==> flow/design.v <==
module core_regfile_mod #(
  parameter NWORDS = 6,
  parameter DW = 6,
  parameter ABITS = $clog2(NWORDS)
) (
  input  logic core_clk,
  input  logic nrst,
  input  logic wr_en,
  input  logic [ABITS-1:0] waddr,
  input  logic [DW-1:0] din,
  input  logic [ABITS-1:0] read_addr1,
  input  logic [ABITS-1:0] read_addr2,
  output logic [DW-1:0] rd_data1,
  output logic [DW-1:0] rd_data2
);
  logic r_wr_en;
  logic [ABITS-1:0] r_waddr;
  logic [DW-1:0] r_din;
  always_ff @(posedge core_clk) begin
    if (!nrst) begin
      r_wr_en <= 1'b0;
      r_waddr <= '0;
      r_din <= '0;
    end else begin
      r_wr_en <= wr_en;
      r_waddr <= waddr;
      r_din <= din;
    end
  end
  logic [DW-1:0] rf [0:NWORDS-1];
  always_ff @(posedge core_clk) begin
    if (!nrst) begin
      for (int n = 0; n < NWORDS; n++)
        rf[n] <= '0;
    end else if (r_wr_en) begin
      rf[r_waddr] <= r_din;
    end
  end
  logic [ABITS-1:0] r_read_addr1;
  logic [ABITS-1:0] r_read_addr2;
  always_ff @(posedge core_clk) begin
    if (!nrst) begin
      r_read_addr1 <= '0;
      r_read_addr2 <= '0;
      rd_data1 <= '0;
      rd_data2 <= '0;
    end else begin
      r_read_addr1 <= read_addr1;
      r_read_addr2 <= read_addr2;
      rd_data1 <= rf[r_read_addr1];
      rd_data2 <= rf[r_read_addr2];
    end
  end
endmodule
* Step by step through the tools: core_regfile_mod
Tool output for the design above, in the order of the flow. Line numbers count from 1 in the design file above. Cell names lack the library's common part. The mark n/a stands for no value.
Set-up: design top core_regfile_mod, clock input core_clk, cell library sky130hd, corner tt_025C_1v80

* Word-level counts
Counts by Yosys on the flattened word-level netlist (proc, flatten, opt, wreduce; memories kept). Register bits leave out memories and registers merged into their read ports (data or address); mux counts leave out enables and synchronous resets folded into registers. Print and check cells are left out. Memory sizes are those after Yosys's memory passes, which may raise the word count (mostly to a power of two), join words into wider ones and drop unused or constant bits.
Storage and ports: bits in registers 16, memory bits (writable) 48, memories kept 1, input port bits 18, output and inout port bits 12, elaborated cells 19
Cells by class: mux-type cells 10, reduce/logical cells 3
Memory list:
- rf | words 8, width 6, line 30 | logic [DW-1:0] rf [0:NWORDS-1];
Operators by type and width (count):
- two-way mux 6 bit | 3
- two-way mux 3 bit | 3
- OR reduction 6 bit | 1
- two-way mux 1 bit | 4
- logical NOT 1 bit | 2

* Longest topological paths
Yosys ltp: most cells in a row. Word level: on the elaborated netlist, between registers, memories and ports. Mapped: between sequential cells and ports; inverters and the memories' decode and read muxes count.
Logic depth: depth in word-level cells 4, ABC_AREA 0, mapped depth 4, mapped depth without buffers 3

* After synthesis
Yosys stat after the flow's synthesis: flattened, memories mapped to cells. It holds for the ABC_AREA given above (unset counts as 0); a run with the other value may have another netlist. The area totals of this step are shown rounded.
Cell types:
- edfxtp_1 | count 48, total area 1.44E+03 um2
- mux4_1 | count 24, total area 630.605 um2
- dfxtp_1 | count 28, total area 560.538 um2
- nor2_1 | count 44, total area 165.158 um2
- mux2i_1 | count 12, total area 120.115 um2
- and2_1 | count 17, total area 106.352 um2
- nand2_1 | count 11, total area 41.29 um2
- inv_1 | count 8, total area 30.029 um2
- clkbuf_1 | count 7, total area 26.275 um2
- buf_6 | count 2, total area 22.522 um2
- buf_2 | count 3, total area 15.014 um2
- nand3_1 | count 2, total area 10.01 um2
- or3b_1 | count 1, total area 8.758 um2
- a21o_1 | count 1, total area 7.507 um2
- nand3b_1 | count 1, total area 7.507 um2
- nor3b_1 | count 1, total area 7.507 um2
- o31ai_1 | count 1, total area 7.507 um2
- nand2b_1 | count 1, total area 6.256 um2
Not listed: further types 2, cells in them 2.
Mapped netlist: standard cells after synthesis 214, mapped area 3200 um2, sequential area 2000 um2, flip-flops 76, buffers 12

* Worst setup path after synthesis
Path of least setup slack by OpenSTA after synthesis, without wires, with an ideal clock, recovery checks aside; 20% of the period is set as input and as output delay. Where synthesis merged equal registers, the netlist keeps one of their names.
Timing after synthesis: path kind input port to flip-flop, start point input nrst, end point memory rf[4][0], period 2.15 ns, external input delay 0.430 ns, library setup time 0.377 ns, time at the first pin 0.430 ns, arrival time 1.427 ns, data required time 1.773 ns, path slack 0.346 ns, delay of the path 1.374 ns, stages on the path 4, buffers on the path 1, synthesis period reached 1.804 ns
"delay of the path" is the arrival time less input delay plus setup time. "stages on the path" counts driving pins, that of a launching flip-flop among them; a cell with two outputs on the path counts twice. "synthesis period reached" is the clock period less the worst setup slack; recovery checks do not enter. This is arithmetic on one report: input and output delays are still those of the set period (20% each). Between the ends stands the longest chain of elaborated cells between them, by number of cells; it is not shown to be the way that was timed. Of several equally long chains one is given. Each line given opens the expression or statement behind the cell; cells for indexed reads and writes are added by Yosys, which also makes memories of some case tables. The path ends at the enable pin of a flip-flop; only ways to that pin are counted.
On the way, after synthesis: cell sequence and2_1 buf_2 a21o_1 o21ai_0, length of the longest elaborated chain 3, elaborated cells on any way between the ends 6, source lines of those cells 1, those cells by class mux: 5; reduce/logical: 1
Ends and longest elaborated chain, after synthesis:
- from (decl) | line 7 | input  logic nrst,
- two-way mux 1 bit | line 32 | if (!nrst) begin
- OR reduction 6 bit
- two-way mux 3 bit
- to (decl) | line 30 | logic [DW-1:0] rf [0:NWORDS-1];

* Timing after layout
Path of least setup slack in the final report of run 1 (OpenROAD, finished layout, wires in). Where an end is a register, its clock arrival counts in the times.
Timing post-layout: path kind input port to flip-flop, start point input nrst, end point memory rf[3][0], period 2.15 ns, external input delay 0.43 ns, library setup time 0.31 ns, time at the first pin 0.43 ns, arrival time 1.71 ns, data required time 2.18 ns, path slack 0.47 ns, stages on the path 4, buffers on the path 1
Between the ends stands the longest chain of elaborated cells between them, by number of cells; it is not shown to be the way that was timed. Of several equally long chains one is given. The path ends at the enable pin of a flip-flop; only ways to that pin are counted.
On the way, post-layout: cell sequence clkdlybuf4s50_1 nand3_1 or3b_1 nand2_1, length of the longest elaborated chain 3, elaborated cells on any way between the ends 6, source lines of those cells 1, those cells by class mux: 5; reduce/logical: 1
Ends and longest elaborated chain, post-layout:
- from (decl) | line 7 | input  logic nrst,
- two-way mux 1 bit | line 32 | if (!nrst) begin
- OR reduction 6 bit
- two-way mux 3 bit
- to (decl) | line 30 | logic [DW-1:0] rf [0:NWORDS-1];

--- measured runs ---
3 stored runs of core_regfile_mod in the flow (synthesis by Yosys, layout by OpenROAD, sky130hd cells), in arbitrary order. Constraints: input delay and output delay 20% of the set period each, output load 0.01 pF.
"clock period reached" means the clock period less the worst setup slack. The figure is calculated, with input and output delays left at 20% of the set period.
By "allowed time less slack (worst setup path)" is meant the share of the clock period that the worst setup path is allowed (20% is reserved at inputs, 20% at outputs), minus its slack. Clock arrival times at its registers enter into it.
"power" is the tool's figure for a default switching activity; nothing was simulated.
Results are given in rounded form.

* Run 1 | settings: period_ns 2.15; CAP_MARGIN 20; CORE_MARGIN 2; CORE_UTILIZATION 40; SLEW_MARGIN 20 | results: worst setup slack after layout 0.47 ns; utilization after layout 49 %; standard-cell area after layout 3,800 um2; area inside the die boundary 8,800 um2; power 0.0028 W; clock period reached 1.685 ns; allowed time less slack (worst setup path) 1.25 ns; class of the worst setup path input port to flip-flop; Yosys chip area after synthesis 3,200 um2
* Run 2 | settings: period_ns 1.16; CORE_UTILIZATION 45; PLACE_DENSITY_LB_ADDON 0.23; CORE_ASPECT_RATIO 1.88; CTS_CLUSTER_SIZE 99; CAP_MARGIN 5; CORE_MARGIN 2; SLEW_MARGIN 20 | results: worst setup slack after layout -0.21 ns; utilization after layout 63 %; standard-cell area after layout 4,400 um2; area inside the die boundary 7,900 um2; power 0.0063 W; clock period reached 1.375 ns; allowed time less slack (worst setup path) 1.37 ns; class of the worst setup path flip-flop to flip-flop; Yosys chip area after synthesis 3,200 um2
* Run 3 | settings: period_ns 1.2; CORE_UTILIZATION 50; SETUP_SLACK_MARGIN 0.29; PLACE_DENSITY_LB_ADDON 0.14; CELL_PAD_IN_SITES_GLOBAL_PLACEMENT 0; ABC_AREA 1; GPL_ROUTABILITY_DRIVEN 0; CAP_MARGIN 20; CORE_MARGIN 2; SLEW_MARGIN 20 | results: worst setup slack after layout -0.029 ns; utilization after layout 77 %; standard-cell area after layout 5,300 um2; area inside the die boundary 7,800 um2; power 0.0059 W; clock period reached 1.229 ns; allowed time less slack (worst setup path) 1.23 ns; class of the worst setup path flip-flop to flip-flop; Yosys chip area after synthesis 3,600 um2
--- end ---
